==> flow/design.v <==
module sync_ram_block_stage #(
  parameter int ENTRIES = 40,
  parameter int XLEN = 2,
  parameter int AW = $clog2(ENTRIES)
) (
  input  logic i_clk,
  input  logic rst_i,
  input  logic write_i,
  input  logic [AW-1:0] wa_i,
  input  logic [XLEN-1:0] write_data_i,
  input  logic [AW-1:0] raddr_a_i,
  input  logic [AW-1:0] raddr_b_i,
  output logic [XLEN-1:0] rd_data_a_o,
  output logic [XLEN-1:0] rd_data_b_o
);
  logic write_s;
  logic [AW-1:0] wa_s;
  logic [XLEN-1:0] write_data_s;
  always_ff @(posedge i_clk or posedge rst_i) begin
    if (rst_i) begin
      write_s <= 1'b0;
      wa_s <= 0;
      write_data_s <= 0;
    end else begin
      write_s <= write_i;
      wa_s <= wa_i;
      write_data_s <= write_data_i;
    end
  end
  logic [XLEN-1:0] array [0:ENTRIES-1];
  always_ff @(posedge i_clk) begin
    if (write_s)
      array[wa_s] <= write_data_s;
  end
  logic [AW-1:0] raddr_a_s;
  logic [AW-1:0] raddr_b_s;
  logic [XLEN-1:0] rd_data_a_s;
  always_ff @(posedge i_clk or posedge rst_i) begin
    if (rst_i) begin
      raddr_a_s <= 0;
      raddr_b_s <= 0;
      rd_data_a_s <= 0;
    end else begin
      raddr_a_s <= raddr_a_i;
      raddr_b_s <= raddr_b_i;
      rd_data_a_s <= array[raddr_a_s];
    end
  end
  assign rd_data_a_o = rd_data_a_s;
  logic [XLEN-1:0] rd_data_b_s;
  always_ff @(posedge i_clk or posedge rst_i) begin
    if (rst_i) begin
      rd_data_b_s <= 0;
    end else begin
      rd_data_b_s <= array[raddr_b_s];
    end
  end
  assign rd_data_b_o = rd_data_b_s;
endmodule
Step by step through the tools: sync_ram_block_stage
What the tools print for sync_ram_block_stage, step after step.
Line numbers count from 1 in the design file above.
Library cell names are shortened.
{"block": "setup", "top": "sync_ram_block_stage", "clk_port": "i_clk", "cell_library": "sky130hd", "corner": "tt_025C_1v80"}

Word-level counts
Source: Yosys, flattened and elaborated, memories not mapped. Widths are those after wreduce; folded enables and synchronous resets count as part of the registers. Registers that Yosys merges into a memory's read port (data or address) are not register bits. Print and check cells do not count. Equal cells are merged and count once.
Yosys's memory passes give these memory sizes; they may raise the number of words (mostly to a power of two), join words into wider ones and drop unused or constant bits.
{"block": "word_totals", "out_inout_bits": 4, "ff_bits": 21, "clocked_rd_ports_x_width": 4, "mem_count": 1, "inputBits": 23, "ramBits": 80}
{"block": "mem_list", "memory": "array", "words": 40, "word_bits": 2, "rd": 2, "wr": 1, "line": 30, "rtl": "logic [XLEN-1:0] array [0:ENTRIES-1];"}
{"block": "op_classes", "mux": 3}
{"block": "ops", "op": "2-to-1 mux 6 bit", "n": 1}
{"block": "ops", "op": "2-to-1 mux 2 bit", "n": 1}
{"block": "ops", "op": "2-to-1 mux 1 bit", "n": 1}

Depth
Longest topological path by Yosys (ltp), each cell counted once; first at word level (registers and memories cut), then after technology mapping (sequential cells cut; the memories' decode and read muxes count).
{"block": "depth", "word_depth": 1, "ABC_AREA": 0, "depth_mapped": 6, "depth_no_buf": 4}

After synthesis
Yosys stat after the flow's synthesis: flattened, memories mapped to cells. It holds for the ABC_AREA given above (unset counts as 0); a run with the other value may have another netlist.
{"block": "types", "cell_type": "edfxtp_1", "n": 80, "type_area_um2": 2.4E+03}
{"block": "types", "cell_type": "dfrtp_1", "n": 25, "type_area_um2": 625.6}
{"block": "types", "cell_type": "mux4_2", "n": 20, "type_area_um2": 450.432}
{"block": "types", "cell_type": "mux2i_1", "n": 32, "type_area_um2": 320.307}
{"block": "types", "cell_type": "mux4_1", "n": 12, "type_area_um2": 315.302}
{"block": "types", "cell_type": "nor2_1", "n": 40, "type_area_um2": 150.144}
{"block": "types", "cell_type": "nor2b_1", "n": 13, "type_area_um2": 81.328}
{"block": "types", "cell_type": "buf_6", "n": 4, "type_area_um2": 45.043}
{"block": "types", "cell_type": "mux2_2", "n": 4, "type_area_um2": 45.043}
{"block": "types", "cell_type": "a221o_1", "n": 4, "type_area_um2": 40.038}
{"block": "types", "cell_type": "buf_12", "n": 2, "type_area_um2": 40.038}
{"block": "types", "cell_type": "nand2_1", "n": 10, "type_area_um2": 37.536}
{"block": "types", "cell_type": "a2111oi_0", "n": 4, "type_area_um2": 35.034}
{"block": "types", "cell_type": "nand2b_1", "n": 5, "type_area_um2": 31.28}
{"block": "types", "cell_type": "a211oi_1", "n": 4, "type_area_um2": 30.029}
{"block": "types", "cell_type": "o31ai_1", "n": 4, "type_area_um2": 30.029}
{"block": "types", "cell_type": "buf_2", "n": 5, "type_area_um2": 25.024}
{"block": "types", "cell_type": "nand3_1", "n": 4, "type_area_um2": 20.019}
Other cell types: 9; their cells: 15.
{"block": "mapped", "synth_area_um2": 4813.4, "ffs": 105, "stdcells": 287, "sequential_area_um2": 3027.9}

Timing after synthesis
OpenSTA on the mapped netlist: ideal clock, no wires. The path of least setup slack (recovery checks aside). Input and output delay are each 20% of the period. Register names are those of the netlist, which keeps one name where synthesis merged equal registers.
{"block": "synth_path", "path_type": "flip-flop to flip-flop", "from": "register raddr_a_s[0]", "to": "register rd_data_a_s[1]", "tclk_ns": 2.25, "path_delay_ns": 1.799, "path_slack_ns": 0.451, "n_path_buf": 2, "setup_time_ns": 0.095, "t_first_pin_ns": 0.000, "path_stages": 7, "t_arrival_ns": 1.704, "period_less_setup_slack_ns": 1.799}
"path_delay_ns" is the arrival time less input delay plus setup time.
"path_stages": output pins that drive a net of the path, with the launching flip-flop's if there is one; two outputs of one cell count as two.
"period_less_setup_slack_ns" = period - worst setup slack (recovery checks aside). The figure is calculated, with input and output delays left at 20% of the set period.
{"block": "synth_between", "cell_sequence": "dfrtp_1 -> buf_6 -> buf_12 -> mux2i_1 -> mux4_2 -> a221o_1 -> o31ai_1"}
{"block": "synth_rtl", "item": "start, declared", "line": 35, "rtl": "logic [AW-1:0] raddr_a_s;"}
{"block": "synth_rtl", "item": "start, assigned", "line": 40, "rtl": "raddr_a_s <= 0;"}
{"block": "synth_rtl", "item": "start, assigned", "line": 44, "rtl": "raddr_a_s <= raddr_a_i;"}
{"block": "synth_rtl", "item": "end, declared", "line": 37, "rtl": "logic [XLEN-1:0] rd_data_a_s;"}
Chain of elaborated cells between the ends: none given.

Path in the finished layout
From the final timing report of flow run A: the path of least setup slack in the routed layout; clock arrival at registers is part of the times.
{"block": "layout_path", "path_type": "flip-flop to flip-flop", "from": "register raddr_b_s[0]", "to": "register rd_data_b_s[1]", "t_arrival_ns": 2.51, "path_stages": 6, "n_path_buf": 2, "setup_time_ns": 0.12, "t_first_pin_ns": 0.37, "tclk_ns": 3.12, "path_slack_ns": 0.85}
{"block": "layout_between", "cell_sequence": "dfrtp_1 -> buf_4 -> buf_4 -> mux4_2 -> a2111oi_0 -> o31ai_1"}
{"block": "layout_rtl", "item": "start, declared", "line": 36, "rtl": "logic [AW-1:0] raddr_b_s;"}
{"block": "layout_rtl", "item": "start, assigned", "line": 41, "rtl": "raddr_b_s <= 0;"}
{"block": "layout_rtl", "item": "start, assigned", "line": 45, "rtl": "raddr_b_s <= raddr_b_i;"}
{"block": "layout_rtl", "item": "end, declared", "line": 50, "rtl": "logic [XLEN-1:0] rd_data_b_s;"}
Chain of elaborated cells between the ends: none given.

Wiki page: sync_ram_block_stage / flow data

Measured results for sync_ram_block_stage: 3 stored runs of the Yosys and OpenROAD flow on sky130hd. The settings differ; the order carries no meaning. The constraints put input and output delay at 20% of the set period each and load the outputs with 0.01 pF.
"achievedPeriod_ns" means the clock period less the worst setup slack. The figure is calculated, with input and output delays left at 20% of the set period.
"worst_setup_path_time_ns" = time allowed to the worst setup path (clock period - input delay - output delay, where it has them) - its slack; a late launch clock adds to it, a late capture clock takes from it.
"power_total_w" rests on the timing tool's default activity at the inputs, not on a simulated workload.

{"run": "flow run A", "settings": { "period_ns": 3.12, "CORE_UTILIZATION": 70, "HOLD_SLACK_MARGIN": 0.01, "CORE_MARGIN": 2, "CELL_PAD_IN_SITES_DETAIL_PLACEMENT": 0, "TNS_END_PERCENT": 45, "ABC_AREA": 0, "GPL_TIMING_DRIVEN": 1, "GPL_ROUTABILITY_DRIVEN": 0, "CTS_CLUSTER_SIZE": 18, "CAP_MARGIN": 20, "SLEW_MARGIN": 20 }, "results": { "stdcell_area_um2": 5286.3, "achievedPeriod_ns": 2.268, "power_total_w": 0.002563, "tns_setup_ns": 0.000, "worst_setup_path_time_ns": 2.27, "critical_path_type": "flip-flop to flip-flop", "yosys_chip_area_um2": 4813.4, "fin_ws_ns": 0.852, "finalUtil_pct": 78.7, "design.die.area_um2": 7556.0 }}
{"run": "flow run B", "settings": { "period_ns": 1.29, "CORE_UTILIZATION": 30, "SETUP_SLACK_MARGIN": 0.05, "PLACE_DENSITY_LB_ADDON": 0.29, "CORE_MARGIN": 6, "ABC_AREA": 0, "GPL_ROUTABILITY_DRIVEN": 0, "CTS_CLUSTER_DIAMETER": 298, "CAP_MARGIN": 30, "MIN_ROUTING_LAYER": "met2", "SLEW_MARGIN": 20 }, "results": { "stdcell_area_um2": 6613.8, "achievedPeriod_ns": 2.023, "power_total_w": 0.007411, "tns_setup_ns": -10.934, "worst_setup_path_time_ns": 2.02, "critical_path_type": "flip-flop to flip-flop", "yosys_chip_area_um2": 4813.4, "fin_ws_ns": -0.733, "finalUtil_pct": 42.9, "design.die.area_um2": 19228.0 }}
{"run": "flow run C", "settings": { "period_ns": 2.25, "CAP_MARGIN": 20, "CORE_MARGIN": 2, "CORE_UTILIZATION": 40, "SLEW_MARGIN": 20 }, "results": { "stdcell_area_um2": 5607.9, "achievedPeriod_ns": 2.030, "power_total_w": 0.004205, "tns_setup_ns": 0.000, "worst_setup_path_time_ns": 2.03, "critical_path_type": "flip-flop to flip-flop", "yosys_chip_area_um2": 4813.4, "fin_ws_ns": 0.220, "finalUtil_pct": 47.3, "design.die.area_um2": 12926.6 }}
